==> flow/design.v <==
module compare (clock, rstn, d_i, mx_o);
  parameter DW = 36;
  parameter N_IN = 10;
  input clock;
  input rstn;
  input [N_IN*DW-1:0] d_i;
  output [DW-1:0] mx_o;
  reg [DW-1:0] cur;
  integer i;
  always @(*) begin
    cur = d_i[DW-1:0];
    for (i = 1; i < N_IN; i = i + 1)
      if (d_i[i*DW +: DW] > cur) cur = d_i[i*DW +: DW];
  end
  reg [DW-1:0] mx_reg;
  always @(posedge clock or negedge rstn) begin
    if (!rstn) begin
      mx_reg <= 0;
    end else begin
      mx_reg <= cur;
    end
  end
  assign mx_o = mx_reg;
endmodule
==> Step by step through the tools: compare <==
Tool output for the design above, in the order of the flow.
Line numbers count from 1 in the design file above.
Cell names lack the library's common part.
{ "design": {"top_module": "compare", "clk_port": "clock", "cell_library": "sky130hd", "lib_corner": "tt_025C_1v80"} }

==> Elaborated design <==
Counts by Yosys on the flattened word-level netlist (proc, flatten, opt, wreduce; memories kept). Register bits leave out memories and registers merged into their read ports (data or address); mux counts leave out enables and synchronous resets folded into registers. Print and check cells are left out. Cells with the same type and inputs are merged into one.
{ "word_totals": {"ff_bits": 36, "input_bits": 362, "output_inout_bits": 36} }
{ "classes": {"compare": 9, "mux": 9} }
{ "op_table": {"columns": ["op", "n"], "rows": [
  ["greater-than comparator 36 bit", 9],
  ["two-way mux 36 bit", 9]
]} }

==> Longest topological paths <==
Longest topological path by Yosys (ltp), each cell counted once; first at word level (registers and memories cut), then after technology mapping (sequential cells cut; the memories' decode and read muxes count).
{ "depth": {"depth_word": 18, "ABC_AREA": 0, "ltp_mapped": 157, "ltp_nobuf": 142} }

==> Netlist <==
The flow's flattened synthesis, as Yosys stat reports it; memories are mapped. The netlist is that of the ABC_AREA named above (0 if unset); the other value can give another one.
{ "synth_totals": {"cells": 1656, "mapped_area_um2": 12971.2, "flip_flops": 36} }
{ "types": {"columns": ["cell", "n", "area_total_um2"], "rows": [
  ["ha_1", 312, 3.9E+03],
  ["mux2i_1", 142, 1.42E+03],
  ["mux2_2", 98, 1.1E+03],
  ["inv_1", 260, 975.936],
  ["dfrtp_1", 36, 900.864],
  ["a21oi_1", 157, 785.754],
  ["nor2_1", 112, 420.403],
  ["a21o_1", 54, 405.389],
  ["nand4_1", 59, 369.104],
  ["o21ai_0", 61, 305.293],
  ["nor2b_1", 43, 269.008],
  ["nand2_1", 55, 206.448],
  ["nand2b_1", 33, 206.448],
  ["o21a_1", 21, 157.651],
  ["clkbuf_1", 28, 105.101],
  ["and4_1", 11, 96.342],
  ["nand3_1", 19, 95.091],
  ["mux2_1", 7, 78.826]
]} }
Not listed: further types 56, cells in them 148.

==> Worst setup path after synthesis <==
OpenSTA on the mapped netlist: ideal clock, no wires. The path of least setup slack (recovery checks aside). Input and output delay are each 20% of the period. Register names are those of the netlist, which keeps one name where synthesis merged equal registers.
{ "synth_path": {"path_type": "input port to flip-flop", "from": "input port d_i[27]", "to": "register mx_reg[10]", "period_ns": 39.3, "input_delay_ns": 7.860, "setup_ns": 0.081, "launch_ns": 7.860, "arrival_time_ns": 32.923, "path_slack_ns": 6.296, "delay_ns": 25.144, "path_stages": 155, "path_buffers": 17, "period_less_setup_slack_ns": 33.004} }
"delay_ns" is the arrival time less input delay plus setup time.
"path_stages" counts driving pins, that of a launching flip-flop among them; a cell with two outputs on the path counts twice.
"period_less_setup_slack_ns" is the clock period less the worst setup slack; recovery checks do not enter. This is arithmetic on one report: input and output delays are still those of the set period (20% each).
Between the ends stands the longest chain of elaborated cells between them, by number of cells; it is not shown to be the way that was timed. Of several equally long chains one is given.
Each line given opens the expression or statement behind the cell; cells for indexed reads and writes are added by Yosys, which also makes memories of some case tables.
{ "synth_via": {"cell_sequence": "inv_1 ha_1 nand4_1 nor4_1 nand3_1 or3_1 o21ai_2 buf_6 buf_1 mux2i_1 ha_1 a21o_1 a21o_1 a2111oi_0 o21ai_1 o21a_1 nor2_1 nor2b_1 (+119 left out) nor2b_1 o21a_1 o21ai_0 nand2b_1 a21oi_1 nor2b_1 o21ai_0 nand2b_1 a21oi_1 o21ai_0 a221oi_1 o31ai_1 a221oi_1 o21ai_0 nand2_1 clkbuf_1 clkbuf_1 mux2i_1", "elab_chain_cells": 18, "cells_between": 18, "classes_between": "compare: 9; mux: 9"} }
{ "synth_lines": {"columns": ["item", "line", "text"], "rows": [
  ["start, declared", 6, "input [N_IN*DW-1:0] d_i;"],
  ["greater-than comparator 36 bit", 13, "if (d_i[i*DW +: DW] > cur) cur = d_i[i*DW +: DW];"],
  ["two-way mux 36 bit", 13, null],
  ["greater-than comparator 36 bit", 13, null],
  ["two-way mux 36 bit", 13, null],
  ["greater-than comparator 36 bit", 13, null],
  ["two-way mux 36 bit", 13, null],
  ["greater-than comparator 36 bit", 13, null],
  ["(+4 left out)", null, null],
  ["two-way mux 36 bit", 13, null],
  ["greater-than comparator 36 bit", 13, null],
  ["two-way mux 36 bit", 13, null],
  ["greater-than comparator 36 bit", 13, null],
  ["two-way mux 36 bit", 13, null],
  ["greater-than comparator 36 bit", 13, null],
  ["two-way mux 36 bit", 13, null],
  ["end, assigned", 18, "mx_reg <= 0;"],
  ["end, assigned", 20, "mx_reg <= cur;"],
  ["end, declared", 15, "reg [DW-1:0] mx_reg;"]
]} }

==> Timing after layout <==
Path of least setup slack in the final report of stored run 1 (OpenROAD, finished layout, wires in). Where an end is a register, its clock arrival counts in the times.
{ "layout_path": {"path_type": "input port to flip-flop", "from": "input port d_i[31]", "to": "register mx_reg[0]", "period_ns": 39.3, "input_delay_ns": 7.86, "setup_ns": 0.11, "launch_ns": 7.86, "arrival_time_ns": 36.56, "path_slack_ns": 2.92, "path_stages": 147, "path_buffers": 7} }
Between the ends stands the longest chain of elaborated cells between them, by number of cells; it is not shown to be the way that was timed. Of several equally long chains one is given.
{ "layout_via": {"cell_sequence": "clkdlybuf4s50_1 inv_1 ha_1 nand4_1 nor3_1 a221oi_1 o221ai_1 o21ai_4 buf_4 mux2i_1 ha_1 nor2b_1 o21a_1 o21a_1 o21ai_0 a21oi_1 mux2i_1 o211ai_2 (+111 left out) mux2_1 ha_1 nor2b_1 o21a_1 o21ai_0 nand2b_1 a21oi_1 nor2b_1 o21ai_0 nand2b_1 a21oi_1 o21ai_0 a221oi_1 o31ai_1 a221oi_1 o21ai_0 nand2_4 mux2_2", "elab_chain_cells": 18, "cells_between": 18, "classes_between": "compare: 9; mux: 9"} }
{ "layout_lines": {"columns": ["item", "line", "text"], "rows": [
  ["start, declared", 6, "input [N_IN*DW-1:0] d_i;"],
  ["greater-than comparator 36 bit", 13, "if (d_i[i*DW +: DW] > cur) cur = d_i[i*DW +: DW];"],
  ["two-way mux 36 bit", 13, null],
  ["greater-than comparator 36 bit", 13, null],
  ["two-way mux 36 bit", 13, null],
  ["greater-than comparator 36 bit", 13, null],
  ["two-way mux 36 bit", 13, null],
  ["greater-than comparator 36 bit", 13, null],
  ["(+4 left out)", null, null],
  ["two-way mux 36 bit", 13, null],
  ["greater-than comparator 36 bit", 13, null],
  ["two-way mux 36 bit", 13, null],
  ["greater-than comparator 36 bit", 13, null],
  ["two-way mux 36 bit", 13, null],
  ["greater-than comparator 36 bit", 13, null],
  ["two-way mux 36 bit", 13, null],
  ["end, assigned", 18, "mx_reg <= 0;"],
  ["end, assigned", 20, "mx_reg <= cur;"],
  ["end, declared", 15, "reg [DW-1:0] mx_reg;"]
]} }

Ticket comment

3 stored runs of compare in the flow (synthesis by Yosys, layout by OpenROAD, sky130hd cells), in arbitrary order. Constraints: input delay and output delay 20% of the set period each, output load 0.01 pF.
"achieved clock period (ns)": clock period set for the run, less the worst setup slack. It is reckoned from that one timing run; input and output delays stay at 20% of the period that was set.
By "worst setup path time (ns)" is meant the share of the clock period that the worst setup path is allowed (20% is reserved at inputs, 20% at outputs), minus its slack. Clock arrival times at its registers enter into it.
By "finish__power__total" is meant OpenSTA's value without simulated activity: inputs other than the clock are taken to toggle once in ten clock periods, and the tool carries that through the logic.

settings of stored run 1
{
  "period_ns": 39.3,
  "CAP_MARGIN": 20,
  "CORE_MARGIN": 2,
  "CORE_UTILIZATION": 40,
  "SLEW_MARGIN": 20
}
report of stored run 1
yosys chip area after synthesis (um^2): 12971.2
finish__design__die__area: 33883.6
finish__design__instance__area__stdcell: 17531.8
finish__design__instance__utilization: 0.5527
finish__timing__setup__ws: 2.916
finish__timing__setup__tns: 0.000
finish__timing__hold__ws: 7.985
finish__power__total: 2.003e-03
achieved clock period (ns): 36.384
worst setup path time (ns): 28.52
worst setup path kind: input port to flip-flop

settings of stored run 2
{
  "period_ns": 44.6,
  "CORE_UTILIZATION": 61,
  "SETUP_SLACK_MARGIN": 5.0,
  "PLACE_DENSITY_LB_ADDON": 0.26,
  "CORE_MARGIN": 7,
  "CELL_PAD_IN_SITES_DETAIL_PLACEMENT": 2,
  "GPL_TIMING_DRIVEN": 1,
  "GPL_ROUTABILITY_DRIVEN": 0,
  "CTS_CLUSTER_SIZE": 79,
  "CTS_CLUSTER_DIAMETER": 366,
  "CAP_MARGIN": 5,
  "MAX_ROUTING_LAYER": "met4",
  "SLEW_MARGIN": 20
}
report of stored run 2: did not finish, place, tool error

settings of stored run 3
{
  "period_ns": 20.1,
  "CORE_UTILIZATION": 32,
  "SETUP_SLACK_MARGIN": 5.0,
  "PLACE_DENSITY_LB_ADDON": 0.2,
  "CELL_PAD_IN_SITES_GLOBAL_PLACEMENT": 3,
  "CELL_PAD_IN_SITES_DETAIL_PLACEMENT": 2,
  "TNS_END_PERCENT": 35,
  "CTS_CLUSTER_SIZE": 97,
  "CAP_MARGIN": 25,
  "SLEW_MARGIN": 40,
  "MAX_ROUTING_LAYER": "met5",
  "CORE_MARGIN": 2
}
report of stored run 3: did not finish, place, DPL-0033
